==> flow/design.v <==
module sync_add_rtl #(
    parameter integer DATA_WIDTH = 24
) (
    input  CLK,
    input  [DATA_WIDTH-1:0] in_opa,
    input  [DATA_WIDTH-1:0] in_opb,
    input  in_carry_in,
    output reg [DATA_WIDTH-1:0] out_result,
    output reg out_co
);
    reg [DATA_WIDTH-1:0] cur;
    reg cy;
    integer idx;
    always @(*) begin
        cy = in_carry_in;
        for (idx = 0; idx < DATA_WIDTH; idx = idx + 1) begin
            cur[idx] = in_opa[idx] ^ in_opb[idx] ^ cy;
            cy = (in_opa[idx] & in_opb[idx]) | (cy & (in_opa[idx] | in_opb[idx]));
        end
    end
    always @(posedge CLK) begin
        out_result <= cur;
        out_co <= cy;
    end
endmodule
Tool chain data of sync_add_rtl. What the tools print for sync_add_rtl, step after step. Line numbers count from 1 in the design file above. Operators carry their Yosys type and port widths (W data, S select, Z words). Library cell names are shortened. The mark -- stands for no value.

Design top: sync_add_rtl. Clock input: CLK. Standard-cell library: sky130hd. Library corner: tt_025C_1v80.

Word level. Source: Yosys, flattened and elaborated, memories not mapped. Widths are those after wreduce; folded enables and synchronous resets count as part of the registers. Registers that Yosys merges into a memory's read port (data or address) are not register bits. Print and check cells do not count. Equal cells are merged and count once.

The figure for bits in registers is 25. Under input port bits stands 50. For output and inout bits the number is 25. The figure for elaborated cells is 146.

Bitwise gates (word level): 144.

Operator list (count): $and A1 B1 Y1 (48); $or A1 B1 Y1 (48); $xor A1 B1 Y1 (48).

Logic depth. Yosys ltp: most cells in a row. Word level: on the elaborated netlist, between registers, memories and ports. Mapped: between sequential cells and ports; inverters and the memories' decode and read muxes count.

For word-level depth the number is 49. The figure for ABC_AREA is 0. Mapped depth: 28. Under mapped depth without buffers stands 28.

Synthesis result. Yosys stat after the flow's synthesis: flattened, memories mapped to cells. It holds for the ABC_AREA given above (unset counts as 0); a run with the other value may have another netlist. Totals and module areas in this step are rounded.

Cell types: dfxtp_1 (count 25, area in all 500.48 um^2); fa_1 (count 24, area in all 480.461 um^2); inv_1 (count 10, area in all 37.536 um^2).

Under mapped cells stands 59. Under synthesis area stands 1020 um^2. For sequential part of the area the number is 500 um^2. The entry for mapped flip-flops reads 25. The figure for buffers is 0.

Timing after synthesis. Source: OpenSTA report_checks on the synthesized netlist (no wires, ideal clock, input and output delay 20% of the period each), path of least setup slack; recovery checks are left aside. Register names are those of the netlist, which keeps one name where synthesis merged equal registers.

Path type: input to register. Start: in in_opa[0]. End: reg out_result[23]. The figure for period is 14300 ps. Under input delay stands 2860 ps. The figure for setup time is 57 ps. The figure for arrival is 11959 ps. Under required time stands 14243 ps. Under slack stands 2284 ps. Under delay of the path stands 9156 ps. For stages on the path the number is 28. The entry for buffers on the path reads 0. Synthesis period reached: 12016 ps.

"delay of the path" is the arrival time less input delay plus setup time. "stages on the path" counts driving pins, that of a launching flip-flop among them; a cell with two outputs on the path counts twice. "synthesis period reached" is the clock period less the worst setup slack; recovery checks do not enter. This is arithmetic on one report: input and output delays are still those of the set period (20% each). Between the ends stands the longest chain of elaborated cells between them, by number of cells; it is not shown to be the way that was timed. Of several equally long chains one is given. Each line given opens the expression or statement behind the cell; cells for indexed reads and writes are added by Yosys, which also makes memories of some case tables.

Cells stage by stage: fa_1 > fa_1 > fa_1 > fa_1 > fa_1 > fa_1 > fa_1 > fa_1 > fa_1 > fa_1 > fa_1 > fa_1 > fa_1 > fa_1 > fa_1 > fa_1 > fa_1 > fa_1 > fa_1 > fa_1 > fa_1 > inv_1 > fa_1 > inv_1 > fa_1 > inv_1 > fa_1 > inv_1. Cells in the longest elaborated chain: 48. Elaborated cells on any way between the ends: 49. The figure for source lines of those cells is 2. Those cells by class: logic: 49.

Ends and longest elaborated chain, post-synthesis: from (decl) (RTL line 5) `input  [DATA_WIDTH-1:0] in_opa,`; $or A1 B1 Y1 (RTL line 18) `cy = (in_opa[idx] & in_opb[idx]) | (cy & (in_opa[idx] | in_opb[idx]));`; $and A1 B1 Y1 (RTL line 18); $or A1 B1 Y1 (RTL line 18); $and A1 B1 Y1 (RTL line 18); $or A1 B1 Y1 (RTL line 18); $and A1 B1 Y1 (RTL line 18); $or A1 B1 Y1 (RTL line 18); [... 34 more ...]; $and A1 B1 Y1 (RTL line 18); $or A1 B1 Y1 (RTL line 18); $and A1 B1 Y1 (RTL line 18); $or A1 B1 Y1 (RTL line 18); $and A1 B1 Y1 (RTL line 18); $or A1 B1 Y1 (RTL line 18); $xor A1 B1 Y1 (RTL line 17) `cur[idx] = in_opa[idx] ^ in_opb[idx] ^ cy;`; to (assign) (RTL line 22) `out_result <= cur;`; to (decl) (RTL line 8) `output reg [DATA_WIDTH-1:0] out_result,`.

Worst path after layout. Path of least setup slack in the final report of entry A (OpenROAD, finished layout, wires in). Where an end is a register, its clock arrival counts in the times. The path's times are printed in steps of 10 ps; the period is the one set.

Path type: input to register. Start: in in_opa[0]. End: reg out_result[23]. The figure for period is 9130 ps. Under input delay stands 1830 ps. The figure for setup time is 40 ps. The figure for arrival is 10490 ps. Under required time stands 9400 ps. Under slack stands -1100 ps. For stages on the path the number is 29. The entry for buffers on the path reads 1.

Between the ends stands the longest chain of elaborated cells between them, by number of cells; it is not shown to be the way that was timed. Of several equally long chains one is given.

Cells stage by stage: buf_6 > fa_2 > fa_2 > fa_2 > fa_2 > fa_2 > fa_2 > fa_2 > fa_2 > fa_2 > fa_2 > fa_2 > fa_2 > fa_2 > fa_2 > fa_2 > fa_2 > fa_2 > fa_2 > fa_2 > fa_2 > fa_2 > inv_2 > fa_2 > inv_2 > fa_2 > inv_2 > fa_2 > inv_1. Cells in the longest elaborated chain: 48. Elaborated cells on any way between the ends: 49. The figure for source lines of those cells is 2. Those cells by class: logic: 49.

Ends and longest elaborated chain, post-layout: from (decl) (RTL line 5) `input  [DATA_WIDTH-1:0] in_opa,`; $or A1 B1 Y1 (RTL line 18) `cy = (in_opa[idx] & in_opb[idx]) | (cy & (in_opa[idx] | in_opb[idx]));`; $and A1 B1 Y1 (RTL line 18); $or A1 B1 Y1 (RTL line 18); $and A1 B1 Y1 (RTL line 18); $or A1 B1 Y1 (RTL line 18); $and A1 B1 Y1 (RTL line 18); $or A1 B1 Y1 (RTL line 18); [... 34 more ...]; $and A1 B1 Y1 (RTL line 18); $or A1 B1 Y1 (RTL line 18); $and A1 B1 Y1 (RTL line 18); $or A1 B1 Y1 (RTL line 18); $and A1 B1 Y1 (RTL line 18); $or A1 B1 Y1 (RTL line 18); $xor A1 B1 Y1 (RTL line 17) `cur[idx] = in_opa[idx] ^ in_opb[idx] ^ cy;`; to (assign) (RTL line 22) `out_result <= cur;`; to (decl) (RTL line 8) `output reg [DATA_WIDTH-1:0] out_result,`.

Add stored flow runs of sync_add_rtl

Measured data: module sync_add_rtl, platform sky130hd, 3 stored runs of the flow under differing settings, order arbitrary. Input and output delays are each 20% of the period that was set; the output load is 0.01 pF. "worst path time" = time allowed to the worst setup path (clock period - input delay - output delay, where it has them) - its slack; a late launch clock adds to it, a late capture clock takes from it. "overall power": no workload was simulated; the value follows from the tool's default switching activity. "worst path time" is given in steps of 10 ps. The results are shown rounded.

Files of entry A:
==> flow/run.sh <==
#!/bin/bash
# the make line also repeats the synthesis and layout settings of config.mk as NAME=value (left out here)
make -C /OpenROAD-flow-scripts/flow DESIGN_CONFIG=/design/flow/config.mk WORK_HOME=/design/flow/orfs CLKGATE_MAP_FILE= finish
==> flow/config.mk <==
export PLATFORM = sky130hd
export DESIGN_NAME = sync_add_rtl
export DESIGN_NICKNAME = sync_add_rtl
export VERILOG_FILES = /design/flow/design.v
export SDC_FILE = /design/flow/constraint.sdc
export NUM_CORES = 4
export LEC_CHECK = 0
export CAP_MARGIN = 20
export CELL_PAD_IN_SITES_DETAIL_PLACEMENT = 1
export CELL_PAD_IN_SITES_GLOBAL_PLACEMENT = 2
export CORE_MARGIN = 6
export CORE_UTILIZATION = 35
export CTS_CLUSTER_DIAMETER = 218
export CTS_CLUSTER_SIZE = 96
export MIN_ROUTING_LAYER = met2
export PLACE_DENSITY = 0.68
export SETUP_SLACK_MARGIN = -0.41
export SLEW_MARGIN = 5
==> flow/constraint.sdc <==
create_clock -name core_clock -period 9.13 [get_ports {CLK}]
set_input_delay 1.8260 -clock core_clock [delete_from_list [all_inputs] [get_ports {CLK}]]
set_output_delay 1.8260 -clock core_clock [all_outputs]
set_load 0.01 [all_outputs]

Results of entry A. The synthesis area is 1020 um^2. For the sum of negative setup slack the run shows -3360 ps. The area inside the die boundary is 4350 um^2. The worst path time reads 8400 ps. Type of the worst setup path: input to register. The lowest hold slack stands at 1800 ps. The overall power is 0.298 mW. For the worst slack on setup checks the run shows -1100 ps. The utilization in the final report stands at 68.0 %.

Files of entry B:
==> flow/run.sh <==
#!/bin/bash
# the make line also repeats the synthesis and layout settings of config.mk as NAME=value (left out here)
make -C /OpenROAD-flow-scripts/flow DESIGN_CONFIG=/design/flow/config.mk WORK_HOME=/design/flow/orfs CLKGATE_MAP_FILE= finish
==> flow/config.mk <==
export PLATFORM = sky130hd
export DESIGN_NAME = sync_add_rtl
export DESIGN_NICKNAME = sync_add_rtl
export VERILOG_FILES = /design/flow/design.v
export SDC_FILE = /design/flow/constraint.sdc
export NUM_CORES = 4
export LEC_CHECK = 0
export CAP_MARGIN = 20
export CORE_MARGIN = 2
export CORE_UTILIZATION = 40
export SLEW_MARGIN = 20
==> flow/constraint.sdc <==
create_clock -name core_clock -period 14.3 [get_ports {CLK}]
set_input_delay 2.8600 -clock core_clock [delete_from_list [all_inputs] [get_ports {CLK}]]
set_output_delay 2.8600 -clock core_clock [all_outputs]
set_load 0.01 [all_outputs]

Results of entry B. The synthesis area is 1020 um^2. For the sum of negative setup slack the run shows 0 ps. The area inside the die boundary is 2970 um^2. The worst path time reads 9590 ps. Type of the worst setup path: input to register. The lowest hold slack stands at 3200 ps. The overall power is 0.183 mW. For the worst slack on setup checks the run shows 1850 ps. The utilization in the final report stands at 74.3 %.

Files of entry C:
==> flow/run.sh <==
#!/bin/bash
# the make line also repeats the synthesis and layout settings of config.mk as NAME=value (left out here)
make -C /OpenROAD-flow-scripts/flow DESIGN_CONFIG=/design/flow/config.mk WORK_HOME=/design/flow/orfs CLKGATE_MAP_FILE= finish
==> flow/config.mk <==
export PLATFORM = sky130hd
export DESIGN_NAME = sync_add_rtl
export DESIGN_NICKNAME = sync_add_rtl
export VERILOG_FILES = /design/flow/design.v
export SDC_FILE = /design/flow/constraint.sdc
export NUM_CORES = 4
export LEC_CHECK = 0
export ABC_AREA = 0
export CAP_MARGIN = 20
export CELL_PAD_IN_SITES_DETAIL_PLACEMENT = 1
export CORE_ASPECT_RATIO = 0.58
export CORE_MARGIN = 2
export CORE_UTILIZATION = 23
export CTS_CLUSTER_DIAMETER = 33
export CTS_CLUSTER_SIZE = 86
export GPL_TIMING_DRIVEN = 1
export PLACE_DENSITY_LB_ADDON = 0.1
export SLEW_MARGIN = 20
export TNS_END_PERCENT = 25
==> flow/constraint.sdc <==
create_clock -name core_clock -period 20.7 [get_ports {CLK}]
set_input_delay 4.1400 -clock core_clock [delete_from_list [all_inputs] [get_ports {CLK}]]
set_output_delay 4.1400 -clock core_clock [all_outputs]
set_load 0.01 [all_outputs]

Results of entry C. The synthesis area is 1020 um^2. For the sum of negative setup slack the run shows 0 ps. The area inside the die boundary is 5000 um^2. The worst path time reads 9810 ps. Type of the worst setup path: input to register. The lowest hold slack stands at 4530 ps. The overall power is 0.136 mW. For the worst slack on setup checks the run shows 6750 ps. The utilization in the final report stands at 44.2 %.
